==> flow/design.v <==
module sync_mux_blk #(
  parameter DWIDTH = 48
) (
  input  wire clk,
  input  wire rst_i,
  input  wire clk_en,
  input  wire [DWIDTH-1:0] bus0,
  input  wire [DWIDTH-1:0] bus1,
  input  wire [DWIDTH-1:0] bus2,
  input  wire [DWIDTH-1:0] bus3,
  input  wire [DWIDTH-1:0] bus4,
  input  wire [DWIDTH-1:0] bus5,
  input  wire [DWIDTH-1:0] bus6,
  input  wire [DWIDTH-1:0] bus7,
  input  wire [DWIDTH-1:0] bus8,
  input  wire [DWIDTH-1:0] bus9,
  input  wire [DWIDTH-1:0] bus10,
  input  wire [DWIDTH-1:0] bus11,
  input  wire [DWIDTH-1:0] bus12,
  input  wire [DWIDTH-1:0] bus13,
  input  wire [DWIDTH-1:0] bus14,
  input  wire [DWIDTH-1:0] bus15,
  input  wire [3:0] sel,
  output reg [DWIDTH-1:0] out
);
  reg [DWIDTH-1:0] r_bus0;
  reg [DWIDTH-1:0] r_bus1;
  reg [DWIDTH-1:0] r_bus2;
  reg [DWIDTH-1:0] r_bus3;
  reg [DWIDTH-1:0] r_bus4;
  reg [DWIDTH-1:0] r_bus5;
  reg [DWIDTH-1:0] r_bus6;
  reg [DWIDTH-1:0] r_bus7;
  reg [DWIDTH-1:0] r_bus8;
  reg [DWIDTH-1:0] r_bus9;
  reg [DWIDTH-1:0] r_bus10;
  reg [DWIDTH-1:0] r_bus11;
  reg [DWIDTH-1:0] r_bus12;
  reg [DWIDTH-1:0] r_bus13;
  reg [DWIDTH-1:0] r_bus14;
  reg [DWIDTH-1:0] r_bus15;
  reg [3:0] r_sel;
  always @(posedge clk) begin
    if (rst_i) begin
      r_bus0 <= 0;
      r_bus1 <= 0;
      r_bus2 <= 0;
      r_bus3 <= 0;
      r_bus4 <= 0;
      r_bus5 <= 0;
      r_bus6 <= 0;
      r_bus7 <= 0;
      r_bus8 <= 0;
      r_bus9 <= 0;
      r_bus10 <= 0;
      r_bus11 <= 0;
      r_bus12 <= 0;
      r_bus13 <= 0;
      r_bus14 <= 0;
      r_bus15 <= 0;
      r_sel <= 0;
    end else if (clk_en) begin
      r_bus0 <= bus0;
      r_bus1 <= bus1;
      r_bus2 <= bus2;
      r_bus3 <= bus3;
      r_bus4 <= bus4;
      r_bus5 <= bus5;
      r_bus6 <= bus6;
      r_bus7 <= bus7;
      r_bus8 <= bus8;
      r_bus9 <= bus9;
      r_bus10 <= bus10;
      r_bus11 <= bus11;
      r_bus12 <= bus12;
      r_bus13 <= bus13;
      r_bus14 <= bus14;
      r_bus15 <= bus15;
      r_sel <= sel;
    end
  end
  reg [DWIDTH-1:0] r;
  always @* begin
    case (r_sel)
      4'b0000: r = r_bus0;
      4'b0001: r = r_bus1;
      4'b0010: r = r_bus2;
      4'b0011: r = r_bus3;
      4'b0100: r = r_bus4;
      4'b0101: r = r_bus5;
      4'b0110: r = r_bus6;
      4'b0111: r = r_bus7;
      4'b1000: r = r_bus8;
      4'b1001: r = r_bus9;
      4'b1010: r = r_bus10;
      4'b1011: r = r_bus11;
      4'b1100: r = r_bus12;
      4'b1101: r = r_bus13;
      4'b1110: r = r_bus14;
      default: r = r_bus15;
    endcase
  end
  always @(posedge clk) begin
    if (rst_i) begin
      out <= 0;
    end else if (clk_en) begin
      out <= r;
    end
  end
endmodule
# From RTL to reports: sync_mux_blk

The steps from the RTL of sync_mux_blk to its reports follow in flow order.
Line numbers count from 1 in the design file above.
A cell with - has no value.

Top module: sync_mux_blk
Clock port: clk
Cell library: sky130hd
Timing corner: tt_025C_1v80

# Elaborated design

Counts by Yosys on the flattened word-level netlist (proc, flatten, opt, wreduce; memories kept). Register bits leave out memories and registers merged into their read ports (data or address); mux counts leave out enables and synchronous resets folded into registers. Print and check cells are left out. Cells with the same type and inputs are merged into one.

Register bits after elaboration: 820
Input bits: 775
Output and inout bits: 48
Cells after elaboration: 34

Eq/ne operators: 14
Mux-type cells: 1
Reduce/logical cells: 1

Operators with widths:

| operator                                                               | number |
| 48-bit parallel mux with 15-bit select                                 | 1 |
| 4-bit equality test (second input constant)                            | 7 |
| 4-bit by 3-bit equality test with 1-bit output (second input constant) | 4 |
| 4-bit by 2-bit equality test with 1-bit output (second input constant) | 2 |
| 4-bit by 1-bit equality test with 1-bit output (second input constant) | 1 |
| 4-bit zero test                                                        | 1 |

# Depth

Yosys ltp: most cells in a row. Word level: on the elaborated netlist, between registers, memories and ports. Mapped: between sequential cells and ports; inverters and the memories' decode and read muxes count.

Depth in word-level cells: 2
ABC_AREA: 0
Depth in mapped cells: 8
Depth with buffers taken out: 4

# Netlist

The flow's flattened synthesis, as Yosys stat reports it; memories are mapped. The netlist is that of the ABC_AREA named above (0 if unset); the other value can give another one.

Cells by type:

| type                       | number | total area (sq um) |
| sky130_fd_sc_hd__dfxtp_1   | 820    | 1.64E+04 |
| sky130_fd_sc_hd__mux2i_1   | 913    | 9.14E+03 |
| sky130_fd_sc_hd__nor2_1    | 927    | 3.48E+03 |
| sky130_fd_sc_hd__mux4_2    | 33     | 743.213 |
| sky130_fd_sc_hd__buf_2     | 126    | 630.605 |
| sky130_fd_sc_hd__a22oi_1   | 66     | 495.475 |
| sky130_fd_sc_hd__clkbuf_1  | 107    | 401.635 |
| sky130_fd_sc_hd__o21ai_0   | 80     | 400.384 |
| sky130_fd_sc_hd__a21oi_1   | 65     | 325.312 |
| sky130_fd_sc_hd__o22ai_1   | 49     | 306.544 |
| sky130_fd_sc_hd__buf_6     | 27     | 304.042 |
| sky130_fd_sc_hd__a2bb2oi_1 | 33     | 289.027 |
| sky130_fd_sc_hd__o22a_1    | 33     | 289.027 |
| sky130_fd_sc_hd__a31oi_1   | 42     | 262.752 |
| sky130_fd_sc_hd__a2111oi_0 | 18     | 157.651 |
| sky130_fd_sc_hd__nand3b_1  | 21     | 157.651 |
| sky130_fd_sc_hd__or3b_1    | 11     | 96.342 |
| sky130_fd_sc_hd__buf_1     | 25     | 93.84 |

Not listed: further types 44, cells in them 149.

Mapped cells: 3545
Chip area (Yosys): 0.0350761 sq mm
Area of sequential cells: 0.0164157 sq mm
Flip-flops: 820
Buffer cells: 296

# Worst setup path after synthesis

Path of least setup slack by OpenSTA after synthesis, without wires, with an ideal clock, recovery checks aside; 20% of the period is set as input and as output delay. Where synthesis merged equal registers, the netlist keeps one of their names.

Kind: register -> register
Start: register r_sel[0]
End: register out[10]
Period: 2.07 ns
Setup time: 0.125 ns
Time at the first pin: 0.000 ns
Data arrival time: 1.529 ns
Required time: 1.945 ns
Path slack: 0.417 ns
Delay of the path: 1.654 ns
Stages on the path: 6
Path buffers: 2
Synthesis period reached: 1.653 ns

"delay of the path" = arrival - input delay + setup time.
"stages on the path" counts driving pins, that of a launching flip-flop among them; a cell with two outputs on the path counts twice.
"synthesis period reached" is the clock period less the worst setup slack; recovery checks do not enter. This is arithmetic on one report: input and output delays are still those of the set period (20% each).
Between the ends stands the longest chain of elaborated cells between them, by number of cells; it is not shown to be the way that was timed. Of several equally long chains one is given.
Each line given opens the expression or statement behind the cell; cells for indexed reads and writes are added by Yosys, which also makes memories of some case tables.

Cells stage by stage: sky130_fd_sc_hd__dfxtp_1 sky130_fd_sc_hd__buf_6 sky130_fd_sc_hd__buf_2 sky130_fd_sc_hd__mux4_2 sky130_fd_sc_hd__a2bb2oi_1 sky130_fd_sc_hd__a31oi_1
Length of the longest elaborated chain: 2
Elaborated cells between the ends (all ways): 16
Source lines of those cells: 1
Those cells by class: 14 x eq/ne; 1 x mux; 1 x reduce/logical

Ends and longest elaborated chain, post-synthesis:

| item                                   | RTL line | source |
| from (decl)                            | 42       | `reg [3:0] r_sel;` |
| from (assign)                          | 61       | `r_sel <= 0;` |
| from (assign)                          | 79       | `r_sel <= sel;` |
| 4-bit equality test                    | 84       | `case (r_sel)` |
| 48-bit parallel mux with 15-bit select | 84       |  |
| to (assign)                            | 105      | `out <= 0;` |
| to (assign)                            | 107      | `out <= r;` |
| to (decl)                              | 24       | `output reg [DWIDTH-1:0] out` |

# Timing after layout

From the final timing report of flow run 1: the path of least setup slack in the routed layout; clock arrival at registers is part of the times.

Kind: register -> register
Start: register r_sel[2]
End: register out[37]
Period: 3.01 ns
Setup time: 0.13 ns
Time at the first pin: 0.59 ns
Data arrival time: 3.00 ns
Required time: 3.49 ns
Path slack: 0.49 ns
Stages on the path: 5
Path buffers: 0

Between the ends stands the longest chain of elaborated cells between them, by number of cells; it is not shown to be the way that was timed. Of several equally long chains one is given.

Cells stage by stage: sky130_fd_sc_hd__dfxtp_4 sky130_fd_sc_hd__or3_1 sky130_fd_sc_hd__o22ai_1 sky130_fd_sc_hd__a2111oi_0 sky130_fd_sc_hd__a21oi_1
Length of the longest elaborated chain: 2
Elaborated cells between the ends (all ways): 16
Source lines of those cells: 1
Those cells by class: 14 x eq/ne; 1 x mux; 1 x reduce/logical

Ends and longest elaborated chain, after layout:

| item                                   | RTL line | source |
| from (decl)                            | 42       | `reg [3:0] r_sel;` |
| from (assign)                          | 61       | `r_sel <= 0;` |
| from (assign)                          | 79       | `r_sel <= sel;` |
| 4-bit equality test                    | 84       | `case (r_sel)` |
| 48-bit parallel mux with 15-bit select | 84       |  |
| to (assign)                            | 105      | `out <= 0;` |
| to (assign)                            | 107      | `out <= r;` |
| to (decl)                              | 24       | `output reg [DWIDTH-1:0] out` |

Data sheet: physical implementation of sync_mux_blk

Top module sync_mux_blk; platform sky130hd; tools Yosys and OpenROAD; 3 stored runs in no particular order. Input and output delays are each 20% of the period that was set; the output load is 0.01 pF.
By "clock period achieved" is meant the clock period of the run minus its worst setup slack. This is arithmetic on one report: input and output delays are still those of the set period (20% each).
"critical path time" = time allowed to the worst setup path (clock period - input delay - output delay, where it has them) - its slack; a late launch clock adds to it, a late capture clock takes from it.
"total power of the final layout": no workload was simulated; the value follows from the tool's default switching activity.

## Flow run 1

==> flow/run.sh <==
#!/bin/bash
# the make line also repeats the synthesis and layout settings of config.mk as NAME=value (left out here)
make -C /OpenROAD-flow-scripts/flow DESIGN_CONFIG=/design/flow/config.mk WORK_HOME=/design/flow/orfs CLKGATE_MAP_FILE= finish
==> flow/config.mk <==
export PLATFORM = sky130hd
export DESIGN_NAME = sync_mux_blk
export DESIGN_NICKNAME = sync_mux_blk
export VERILOG_FILES = /design/flow/design.v
export SDC_FILE = /design/flow/constraint.sdc
export NUM_CORES = 4
export LEC_CHECK = 0
export CAP_MARGIN = 20
export CELL_PAD_IN_SITES_DETAIL_PLACEMENT = 0
export CORE_MARGIN = 2
export CORE_UTILIZATION = 41
export CTS_CLUSTER_DIAMETER = 234
export CTS_CLUSTER_SIZE = 28
export GPL_ROUTABILITY_DRIVEN = 1
export MAX_ROUTING_LAYER = met4
export SLEW_MARGIN = 20
==> flow/constraint.sdc <==
create_clock -name core_clock -period 3.01 [get_ports {clk}]
set_input_delay 0.6020 -clock core_clock [delete_from_list [all_inputs] [get_ports {clk}]]
set_output_delay 0.6020 -clock core_clock [all_outputs]
set_load 0.01 [all_outputs]

| result of flow run 1 | value |
|---|---|
| critical path time | 2.52 ns |
| worst setup path kind | register -> register |
| clock period achieved | 2.520 ns |
| netlist area reported by Yosys | 0.0350761 sq mm |
| utilization of the finished layout | 53.2% |
| worst hold slack in the final report | 0.370 ns |
| die outline area | 0.0879063 sq mm |
| setup slack of the worst path | 0.490 ns |
| total negative slack on setup checks | 0.000 ns |
| total power of the final layout | 21.585 mW |

## Flow run 2

==> flow/run.sh <==
#!/bin/bash
# the make line also repeats the synthesis and layout settings of config.mk as NAME=value (left out here)
make -C /OpenROAD-flow-scripts/flow DESIGN_CONFIG=/design/flow/config.mk WORK_HOME=/design/flow/orfs CLKGATE_MAP_FILE= finish
==> flow/config.mk <==
export PLATFORM = sky130hd
export DESIGN_NAME = sync_mux_blk
export DESIGN_NICKNAME = sync_mux_blk
export VERILOG_FILES = /design/flow/design.v
export SDC_FILE = /design/flow/constraint.sdc
export NUM_CORES = 4
export LEC_CHECK = 0
export CAP_MARGIN = 20
export CELL_PAD_IN_SITES_DETAIL_PLACEMENT = 1
export CELL_PAD_IN_SITES_GLOBAL_PLACEMENT = 3
export CORE_MARGIN = 2
export CORE_UTILIZATION = 55
export HOLD_SLACK_MARGIN = -0.01
export PLACE_DENSITY_LB_ADDON = 0.07
export SLEW_MARGIN = 20
export TNS_END_PERCENT = 5
==> flow/constraint.sdc <==
create_clock -name core_clock -period 1.18 [get_ports {clk}]
set_input_delay 0.2360 -clock core_clock [delete_from_list [all_inputs] [get_ports {clk}]]
set_output_delay 0.2360 -clock core_clock [all_outputs]
set_load 0.01 [all_outputs]

Flow run 2: no final report: placement broke off with FLW-0024

## Flow run 3

==> flow/run.sh <==
#!/bin/bash
# the make line also repeats the synthesis and layout settings of config.mk as NAME=value (left out here)
make -C /OpenROAD-flow-scripts/flow DESIGN_CONFIG=/design/flow/config.mk WORK_HOME=/design/flow/orfs CLKGATE_MAP_FILE= finish
==> flow/config.mk <==
export PLATFORM = sky130hd
export DESIGN_NAME = sync_mux_blk
export DESIGN_NICKNAME = sync_mux_blk
export VERILOG_FILES = /design/flow/design.v
export SDC_FILE = /design/flow/constraint.sdc
export NUM_CORES = 4
export LEC_CHECK = 0
export CAP_MARGIN = 20
export CORE_MARGIN = 2
export CORE_UTILIZATION = 40
export SLEW_MARGIN = 20
==> flow/constraint.sdc <==
create_clock -name core_clock -period 2.07 [get_ports {clk}]
set_input_delay 0.4140 -clock core_clock [delete_from_list [all_inputs] [get_ports {clk}]]
set_output_delay 0.4140 -clock core_clock [all_outputs]
set_load 0.01 [all_outputs]

| result of flow run 3 | value |
|---|---|
| critical path time | 1.61 ns |
| worst setup path kind | register -> output |
| clock period achieved | 2.026 ns |
| netlist area reported by Yosys | 0.0350761 sq mm |
| utilization of the finished layout | 55.6% |
| worst hold slack in the final report | 0.346 ns |
| die outline area | 0.090075 sq mm |
| setup slack of the worst path | 0.044 ns |
| total negative slack on setup checks | 0.000 ns |
| total power of the final layout | 39.753 mW |
